==> flow/design.v <==
module alu_mpy (i_clk, RSTN, arg0, prod);
    parameter NBITS = 8;
    input i_clk;
    input RSTN;
    input [NBITS-1:0] arg0;
    output [2*NBITS-1:0] prod;
    reg [NBITS-1:0] arg0_r;
    always @(posedge i_clk) begin
        if (~RSTN) begin
            arg0_r <= 0;
        end else begin
            arg0_r <= arg0;
        end
    end
    assign prod = arg0_r * arg0_r;
endmodule
Reports on alu_mpy --
The steps from the RTL of alu_mpy to its reports follow in flow order. Line numbers count from 1 in the design file above. Operators carry their Yosys type and port widths (W data, S select, Z words). Cell names lack the library's common part. The mark - stands for no value.
Design: design top alu_mpy, clock input i_clk, standard-cell library sky130hd, timing corner tt_025C_1v80

Word level --
Source: Yosys, flattened and elaborated, memories not mapped. Widths are those after wreduce; folded enables and synchronous resets count as part of the registers. Registers that Yosys merges into a memory's read port (data or address) are not register bits. Print and check cells do not count. Equal cells are merged and count once.
Storage and ports: bits in latches 0, ROM bits 0, RAM bits 0, memory cells 0, word width x clocked read ports 0, register bits 8, cells after elaboration 2
Operators by class: equality and inequality tests 0, mux-type cells 0, multipliers 1, add/sub/neg operators 0, shift operators 0, bitwise operators 0, reductions and logical operators 0, $lt $le $gt $ge 0, div/mod/pow operators 0
Operator list (count):
- $mul A8 B8 Y16 | 1

Longest topological paths --
Longest topological path by Yosys (ltp), each cell counted once; first at word level (registers and memories cut), then after technology mapping (sequential cells cut; the memories' decode and read muxes count).
Logic depth: word-level depth 1, ABC_AREA 0, gate-level depth with buffers 16, gate-level depth less buffers 15

Synthesis result --
The flow's flattened synthesis, as Yosys stat reports it; memories are mapped. The netlist is that of the ABC_AREA named above (0 if unset); the other value can give another one.
Mapped netlist: cells in the netlist 229, chip area (Yosys) 0.0019506 mm², flip-flop cells 8
Cell types:
- fa_1 | count 25, area in all 500.48 µm²
- ha_1 | count 30, area in all 375.36 µm²
- and2_1 | count 29, area in all 181.424 µm²
- inv_1 | count 46, area in all 172.666 µm²
- dfxtp_1 | count 8, area in all 160.154 µm²
- xnor2_1 | count 9, area in all 78.826 µm²
- nand2_1 | count 14, area in all 52.55 µm²
- nor2_1 | count 11, area in all 41.29 µm²
- a21oi_1 | count 8, area in all 40.038 µm²
- o21ai_1 | count 6, area in all 30.029 µm²
- a21o_1 | count 3, area in all 22.522 µm²
- o21ai_0 | count 4, area in all 20.019 µm²
- nand4_1 | count 3, area in all 18.768 µm²
- nor2b_1 | count 3, area in all 18.768 µm²
- xor2_1 | count 2, area in all 17.517 µm²
- o41ai_2 | count 1, area in all 16.266 µm²
- a211oi_1 | count 2, area in all 15.014 µm²
- buf_4 | count 2, area in all 15.014 µm²
Not listed: further types 21, cells in them 23.

Path before layout --
Source: OpenSTA report_checks on the synthesized netlist (no wires, ideal clock, input and output delay 20% of the period each), path of least setup slack; recovery checks are left aside. Register names are those of the netlist, which keeps one name where synthesis merged equal registers.
Timing after synthesis: path type reg-to-output, start register arg0_r[5], end output prod[13], delay of the path 3.848 ns, required time 4.808 ns, slack 0.960 ns, time at the first pin 0.000 ns, stages on the path 14, clock period 6.01 ns, arrival 3.848 ns, synthesis period reached 5.05 ns
"delay of the path" is the arrival time less input delay plus setup time. A path that ends at an output port has no setup time. "stages on the path" counts driving pins, that of a launching flip-flop among them; a cell with two outputs on the path counts twice. "synthesis period reached" = period - worst setup slack (recovery checks aside). The figure is calculated, with input and output delays left at 20% of the set period. Between the ends stands the longest chain of elaborated cells between them, by number of cells; it is not shown to be the way that was timed. Of several equally long chains one is given. A line is the first line of the expression or statement that the cell stems from. Yosys adds cells for indexed reads and writes and turns some case tables into memories.
Between the ends, after synthesis: path through dfxtp_1 > inv_1 > nor2_1 > fa_1 > fa_1 > inv_1 > fa_1 > fa_1 > inv_1 > ha_1 > o21a_1 > a31oi_2 > o21ai_1 > xor2_1, cells in the longest elaborated chain 1, elaborated cells between the ends (all ways) 1, RTL lines with such cells 1
RTL lines, path after synthesis:
- start: declaration | RTL line 7 | reg [NBITS-1:0] arg0_r;
- start: assignment | RTL line 10 | arg0_r <= 0;
- start: assignment | RTL line 12 | arg0_r <= arg0;
- $mul A8 B8 Y16 | RTL line 15 | assign prod = arg0_r * arg0_r;
- end: declaration | RTL line 6 | output [2*NBITS-1:0] prod;

Timing after layout --
Path of least setup slack in the final report of run 1 (OpenROAD, finished layout, wires in). Where an end is a register, its clock arrival counts in the times.
Timing after layout: path type reg-to-output, start register arg0_r[6], end output prod[10], slack -0.71 ns, stages on the path 13, required time 3.20 ns, clock period 4.0 ns, arrival 3.91 ns, time at the first pin 0.23 ns
Between the ends stands the longest chain of elaborated cells between them, by number of cells; it is not shown to be the way that was timed. Of several equally long chains one is given.
Between the ends, after layout: path through dfxtp_2 > and2_4 > fa_1 > fa_2 > inv_2 > fa_2 > fa_1 > inv_2 > ha_4 > a21boi_2 > a211oi_1 > nor3_2 > dlygate4sd2_1, cells in the longest elaborated chain 1, elaborated cells between the ends (all ways) 1, RTL lines with such cells 1
RTL lines, path after layout:
- start: declaration | RTL line 7 | reg [NBITS-1:0] arg0_r;
- start: assignment | RTL line 10 | arg0_r <= 0;
- start: assignment | RTL line 12 | arg0_r <= arg0;
- $mul A8 B8 Y16 | RTL line 15 | assign prod = arg0_r * arg0_r;
- end: declaration | RTL line 6 | output [2*NBITS-1:0] prod;

# Flow runs of alu_mpy

Measured data: module alu_mpy, platform sky130hd, 3 stored runs of the flow under differing settings, order arbitrary. Input and output delays are each 20% of the period that was set; the output load is 0.01 pF.
"allowed time less slack (worst setup path)" = time allowed to the worst setup path (clock period - input delay - output delay, where it has them) - its slack; a late launch clock adds to it, a late capture clock takes from it.
"power consumption": no workload was simulated; the value follows from the tool's default switching activity.

* Run 1 | settings: period_ns 4.0; CORE_UTILIZATION 43; SETUP_SLACK_MARGIN 1.05; PLACE_DENSITY_LB_ADDON 0.12; CORE_MARGIN 10; TNS_END_PERCENT 35; GPL_TIMING_DRIVEN 1; GPL_ROUTABILITY_DRIVEN 1; CTS_CLUSTER_SIZE 83; CTS_CLUSTER_DIAMETER 239; SLEW_MARGIN 25; CAP_MARGIN 20 | results: sum of negative setup slack -5.598 ns; power consumption 522.7 uW; utilization in the final report 66.1%; synthesized cell area 0.0019506 mm²; full die area 0.00763 mm²; worst hold slack after layout 1.117 ns; allowed time less slack (worst setup path) 3.91 ns; critical path type reg-to-output; smallest setup slack -0.710 ns
* Run 2 | settings: period_ns 3.61; CORE_UTILIZATION 23; PLACE_DENSITY 0.68; CORE_ASPECT_RATIO 1.83; CORE_MARGIN 6; TNS_END_PERCENT 10; ABC_AREA 1; GPL_TIMING_DRIVEN 1; CTS_CLUSTER_SIZE 29; CTS_CLUSTER_DIAMETER 170; CAP_MARGIN 5; SLEW_MARGIN 30 | results: sum of negative setup slack -8.171 ns; power consumption 654 uW; utilization in the final report 32.7%; synthesized cell area 0.002132 mm²; full die area 0.0118305 mm²; worst hold slack after layout 1.023 ns; allowed time less slack (worst setup path) 3.74 ns; critical path type reg-to-output; smallest setup slack -0.847 ns
* Run 3 | settings: period_ns 6.01; CAP_MARGIN 20; CORE_MARGIN 2; CORE_UTILIZATION 40; SLEW_MARGIN 20 | results: sum of negative setup slack 0.000 ns; power consumption 287.9 uW; utilization in the final report 49.2%; synthesized cell area 0.0019506 mm²; full die area 0.0054509 mm²; worst hold slack after layout 1.530 ns; allowed time less slack (worst setup path) 4.58 ns; critical path type reg-to-output; smallest setup slack 0.232 ns
